==> flow/design.v <==
module alu_addsub_p (ck, adv, src1, src2, minus, q, carry);
  parameter BITS = 12;
  input ck;
  input adv;
  input signed [BITS-1:0] src1;
  input signed [BITS-1:0] src2;
  input minus;
  output [BITS-1:0] q;
  output carry;
  reg signed [BITS-1:0] src1_s;
  reg signed [BITS-1:0] src2_s;
  reg minus_s;
  always @(posedge ck) begin
    if (adv) begin
      src1_s <= src1;
      src2_s <= src2;
      minus_s <= minus;
    end
  end
  wire [BITS-1:0] t2;
  assign t2 = src2_s ^ {BITS{minus_s}};
  wire [BITS-1:0] t;
  assign t = $unsigned(src1_s) + t2 + minus_s;
  assign q = t[BITS-1:0];
  assign carry = (src1_s[BITS-1] == t2[BITS-1]) && (t[BITS-1] != src1_s[BITS-1]);
endmodule
Reports on alu_addsub_p
A sweep over "BITS": the same steps for each member of the family.
The file above is the member BITS 12. Line numbers count from 1 in each member's own file.
Cell names lack the library's common part.
{ "inputs": {"design": "alu_addsub_p", "clock_port": "ck", "library": "sky130hd", "lib_corner": "tt_025C_1v80"} }

Source of the members
Lines of each other member's file that are new or changed against the file above; lines that a member lacks are not shown.
{ "src_changes": {"columns": ["BITS", "line_no", "text"], "rows": [
  [32, 2, "parameter BITS = 32;"],
  [72, 2, "parameter BITS = 72;"],
  [80, 2, "parameter BITS = 80;"],
  [128, 2, "parameter BITS = 128;"]
]} }

Word level
Counts by Yosys on the flattened word-level netlist (proc, flatten, opt, wreduce; memories kept). Register bits leave out memories and registers merged into their read ports (data or address); mux counts leave out enables and synchronous resets folded into registers. Print and check cells are left out. Cells with the same type and inputs are merged into one.
{ "word_totals": {"columns": ["BITS", "wordCells", "regBits"], "rows": [
  [12, 9, 25],
  [32, 9, 65],
  [72, 9, 145],
  [80, 9, 161],
  [128, 9, 257]
]} }
{ "op_classes": {"columns": ["BITS", "reduce_and_logical", "eq_ne", "logic", "addsub"], "rows": [
  [12, 1, 2, 1, 2],
  [32, 1, 2, 1, 2],
  [72, 1, 2, 1, 2],
  [80, 1, 2, 1, 2],
  [128, 1, 2, 1, 2]
]} }
{ "ops": {"columns": ["BITS", "operators"], "rows": [
  [12, "1 x 12-bit by 1-bit adder with 12-bit output; 1 x 12-bit adder; 1 x 12-bit bitwise XOR; 1 x 1-bit equality test; 1 x 1-bit inequality test; 1 x 1-bit logical AND"],
  [32, "1 x 32-bit by 1-bit adder with 32-bit output; 1 x 32-bit adder; 1 x 32-bit bitwise XOR; 1 x 1-bit equality test; 1 x 1-bit inequality test; 1 x 1-bit logical AND"],
  [72, "1 x 72-bit by 1-bit adder with 72-bit output; 1 x 72-bit adder; 1 x 72-bit bitwise XOR; 1 x 1-bit equality test; 1 x 1-bit inequality test; 1 x 1-bit logical AND"],
  [80, "1 x 80-bit by 1-bit adder with 80-bit output; 1 x 80-bit adder; 1 x 80-bit bitwise XOR; 1 x 1-bit equality test; 1 x 1-bit inequality test; 1 x 1-bit logical AND"],
  [128, "1 x 128-bit by 1-bit adder with 128-bit output; 1 x 128-bit adder; 1 x 128-bit bitwise XOR; 1 x 1-bit equality test; 1 x 1-bit inequality test; 1 x 1-bit logical AND"]
]} }

Depth
Yosys ltp: most cells in a row. Word level: on the elaborated netlist, between registers, memories and ports. Mapped: between sequential cells and ports; inverters and the memories' decode and read muxes count.
{ "logic_depth": {"columns": ["BITS", "ltp_word", "abc_area", "depth_mapped", "mapped_depth_nobuf"], "rows": [
  [12, 5, 0, 9, 8],
  [32, 5, 0, 12, 10],
  [72, 5, 0, 14, 12],
  [80, 5, 0, 15, 12],
  [128, 5, 0, 17, 14]
]} }

Netlist
The flow's flattened synthesis, as Yosys stat reports it; memories are mapped. The netlist is that of the ABC_AREA named above (0 if unset); the other value can give another one.
Totals and module areas in this step are rounded.
{ "by_type": {"columns": ["BITS", "cell_types"], "rows": [
  [12, "25 x edfxtp_1; 10 x ha_1; 14 x xor2_1; 7 x xnor2_1; 7 x a21oi_1; 8 x inv_1; 7 x nor2_1; 6 x nand2_1; 1 x fa_1; 4 x o21ai_0; 2 x a21o_1; 2 x o21a_1; 1 x mux2i_2; 1 x a31oi_2; 2 x nand4_1; 1 x o211ai_2; 1 x mux2i_1; 1 x a32oi_1; [+11]"],
  [32, "65 x edfxtp_1; 44 x xor2_1; 30 x ha_1; 34 x a21oi_1; 17 x xnor2_1; 18 x o21ai_0; 22 x nand2_1; 19 x nor2_1; 7 x o21a_1; 8 x nand4_1; 5 x a211oi_1; 5 x a21o_1; 6 x a31oi_1; 5 x nor2b_1; 8 x clkbuf_1; 1 x o41ai_4; 7 x inv_1; 1 x o221ai_4; [+44]"],
  [72, "145 x edfxtp_1; 70 x ha_1; 99 x xor2_1; 93 x a21oi_1; 39 x xnor2_1; 57 x o21ai_0; 67 x nand2_1; 29 x a21o_1; 30 x nand4_1; 48 x nor2_1; 11 x buf_6; 27 x inv_1; 13 x o21bai_1; 17 x nand3_1; 10 x o21a_1; 15 x clkbuf_1; 11 x nor3_1; 8 x nand2b_1; [+125]"],
  [80, "161 x edfxtp_1; 78 x ha_1; 105 x xor2_1; 103 x a21oi_1; 50 x xnor2_1; 80 x nand2_1; 54 x o21ai_0; 29 x o21bai_1; 28 x a21o_1; 33 x nand4_1; 52 x nor2_1; 27 x inv_1; 18 x nand3_1; 17 x buf_2; 17 x nor3_1; 6 x clkbuf_8; 9 x a211oi_1; 6 x a21oi_2; [+153]"],
  [128, "257 x edfxtp_1; 126 x ha_1; 166 x xor2_1; 212 x a21oi_1; 79 x xnor2_1; 161 x nand2_1; 110 x o21ai_0; 101 x nor2_1; 58 x nand4_1; 45 x o21bai_1; 33 x a21o_1; 57 x inv_1; 55 x clkbuf_1; 39 x nor3_1; 17 x o31ai_1; 20 x a31oi_1; 22 x nand3_1; 16 x nand2b_1; [+194]"]
]} }
The mark [+n] counts cells that are not listed.
{ "mapped": {"columns": ["BITS", "flip_flops", "synth_area_um2", "buffers", "cells"], "rows": [
  [12, 25, 1400, 1, 111],
  [32, 65, 4000, 11, 346],
  [72, 145, 9600, 44, 914],
  [80, 161, 11000, 54, 1026],
  [128, 257, 18000, 74, 1768]
]} }

Worst setup path after synthesis
OpenSTA on the mapped netlist: ideal clock, no wires. The path of least setup slack (recovery checks aside). Input and output delay are each 20% of the period. Register names are those of the netlist, which keeps one name where synthesis merged equal registers.
{ "synth_timing": {"columns": ["BITS", "path_kind", "startpoint", "endpoint", "driving_pins", "clock_period_ns", "path_slack_ns", "delay_ns", "period_less_setup_slack_ns"], "rows": [
  [12, "register to output", "register minus_s", "output port q[10]", 10, 3.29, 0.524, 2.108, 2.766],
  [32, "register to output", "register minus_s", "output port q[28]", 13, 4.65, 0.741, 2.979, 3.909],
  [72, "register to output", "register minus_s", "output port q[71]", 14, 5.36, 0.857, 3.431, 4.503],
  [80, "register to output", "register minus_s", "output port carry", 16, 5.63, 0.898, 3.606, 4.732],
  [128, "register to output", "register minus_s", "output port q[114]", 18, 7.03, 1.126, 4.498, 5.904]
]} }
"delay_ns" = arrival - input delay + setup time.
At an output port there is no setup time.
"driving_pins": output pins that drive a net of the path, with the launching flip-flop's if there is one; two outputs of one cell count as two.
"period_less_setup_slack_ns" = period - worst setup slack (recovery checks aside). The figure is calculated, with input and output delays left at 20% of the set period.
Between the ends stands the longest chain of elaborated cells between them, by number of cells; it is not shown to be the way that was timed. Of several equally long chains one is given.
A line is the first line of the expression or statement that the cell stems from. Yosys adds cells for indexed reads and writes and turns some case tables into memories.
{ "synth_between_BITS_12": {"elab_chain_cells": 3} }
{ "synth_lines_BITS_12": {"columns": ["item", "line_no", "text"], "rows": [
  ["start, declared", 12, "reg minus_s;"],
  ["start, assigned", 17, "minus_s <= minus;"],
  ["12-bit bitwise XOR", 21, "assign t2 = src2_s ^ {BITS{minus_s}};"],
  ["12-bit adder", 23, "assign t = $unsigned(src1_s) + t2 + minus_s;"],
  ["12-bit by 1-bit adder with 12-bit output", 23, null],
  ["end, declared", 8, "output [BITS-1:0] q;"]
]} }
{ "synth_between_BITS_128": {"elab_chain_cells": 3} }
{ "synth_lines_BITS_128": {"columns": ["item", "line_no", "text"], "rows": [
  ["start, declared", 12, "reg minus_s;"],
  ["start, assigned", 17, "minus_s <= minus;"],
  ["128-bit bitwise XOR", 21, "assign t2 = src2_s ^ {BITS{minus_s}};"],
  ["128-bit adder", 23, "assign t = $unsigned(src1_s) + t2 + minus_s;"],
  ["128-bit by 1-bit adder with 128-bit output", 23, null],
  ["end, declared", 8, "output [BITS-1:0] q;"]
]} }

Worst path after layout
Path of least setup slack in the final report of each member's run (OpenROAD, finished layout, wires in). Where an end is a register, its clock arrival counts in the times.
{ "layout_timing": {"columns": ["BITS", "path_kind", "startpoint", "endpoint", "path_slack_ns", "driving_pins", "arrival_ns", "clock_period_ns"], "rows": [
  [12, "register to output", "register minus_s", "output port q[10]", -0.01, 10, 2.64, 3.29],
  [32, "register to output", "register minus_s", "output port q[19]", 0.20, 11, 3.52, 4.65],
  [72, "register to output", "register minus_s", "output port q[62]", 0.15, 17, 4.13, 5.36],
  [80, "register to output", "register minus_s", "output port q[68]", 0.09, 16, 4.41, 5.63],
  [128, "register to output", "register minus_s", "output port q[112]", 0.01, 18, 5.62, 7.03]
]} }

Measured runs
Settings and results of one run of the flow (Yosys, OpenROAD) for each member follow. The constraints put input and output delay at 20% of the set period each and load the outputs with 0.01 pF.
{ "flow_settings": {"CAP_MARGIN": 20, "CORE_MARGIN": 2, "CORE_UTILIZATION": 40, "SLEW_MARGIN": 20} }
{ "settings_diff": {"columns": ["BITS", "period_ns"], "rows": [
  [12, 3.29],
  [32, 4.65],
  [72, 5.36],
  [80, 5.63],
  [128, 7.03]
]} }
{ "measured": {"columns": ["BITS", "worst_setup_slack_ns", "power.total_mw", "synth_area_um2", "hold_worst_slack_ns", "final_setup_tns_ns", "clock_period_reached_ns", "dieArea_um2", "layout_utilization_pct", "post_route_stdcell_area_um2"], "rows": [
  [12, -0.008, 1.0, 1400, 0.90, -0.008, 3.298, 4000, 61, 2000],
  [32, 0.20, 2.4, 4000, 1.1, 0.000, 4.450, 11000, 56, 5500],
  [72, 0.15, 5.1, 9600, 1.1, 0.000, 5.206, 25000, 57, 13000],
  [80, 0.095, 5.3, 11000, 1.2, 0.000, 5.535, 28000, 55, 15000],
  [128, 0.009, 6.9, 18000, 1.3, 0.000, 7.021, 46000, 54, 23000]
]} }
"clock_period_reached_ns" = clock period - worst setup slack. The figure is calculated, with input and output delays left at 20% of the set period.
"power.total_mw" rests on the timing tool's default activity at the inputs, not on a simulated workload.
The measured numbers are rounded.
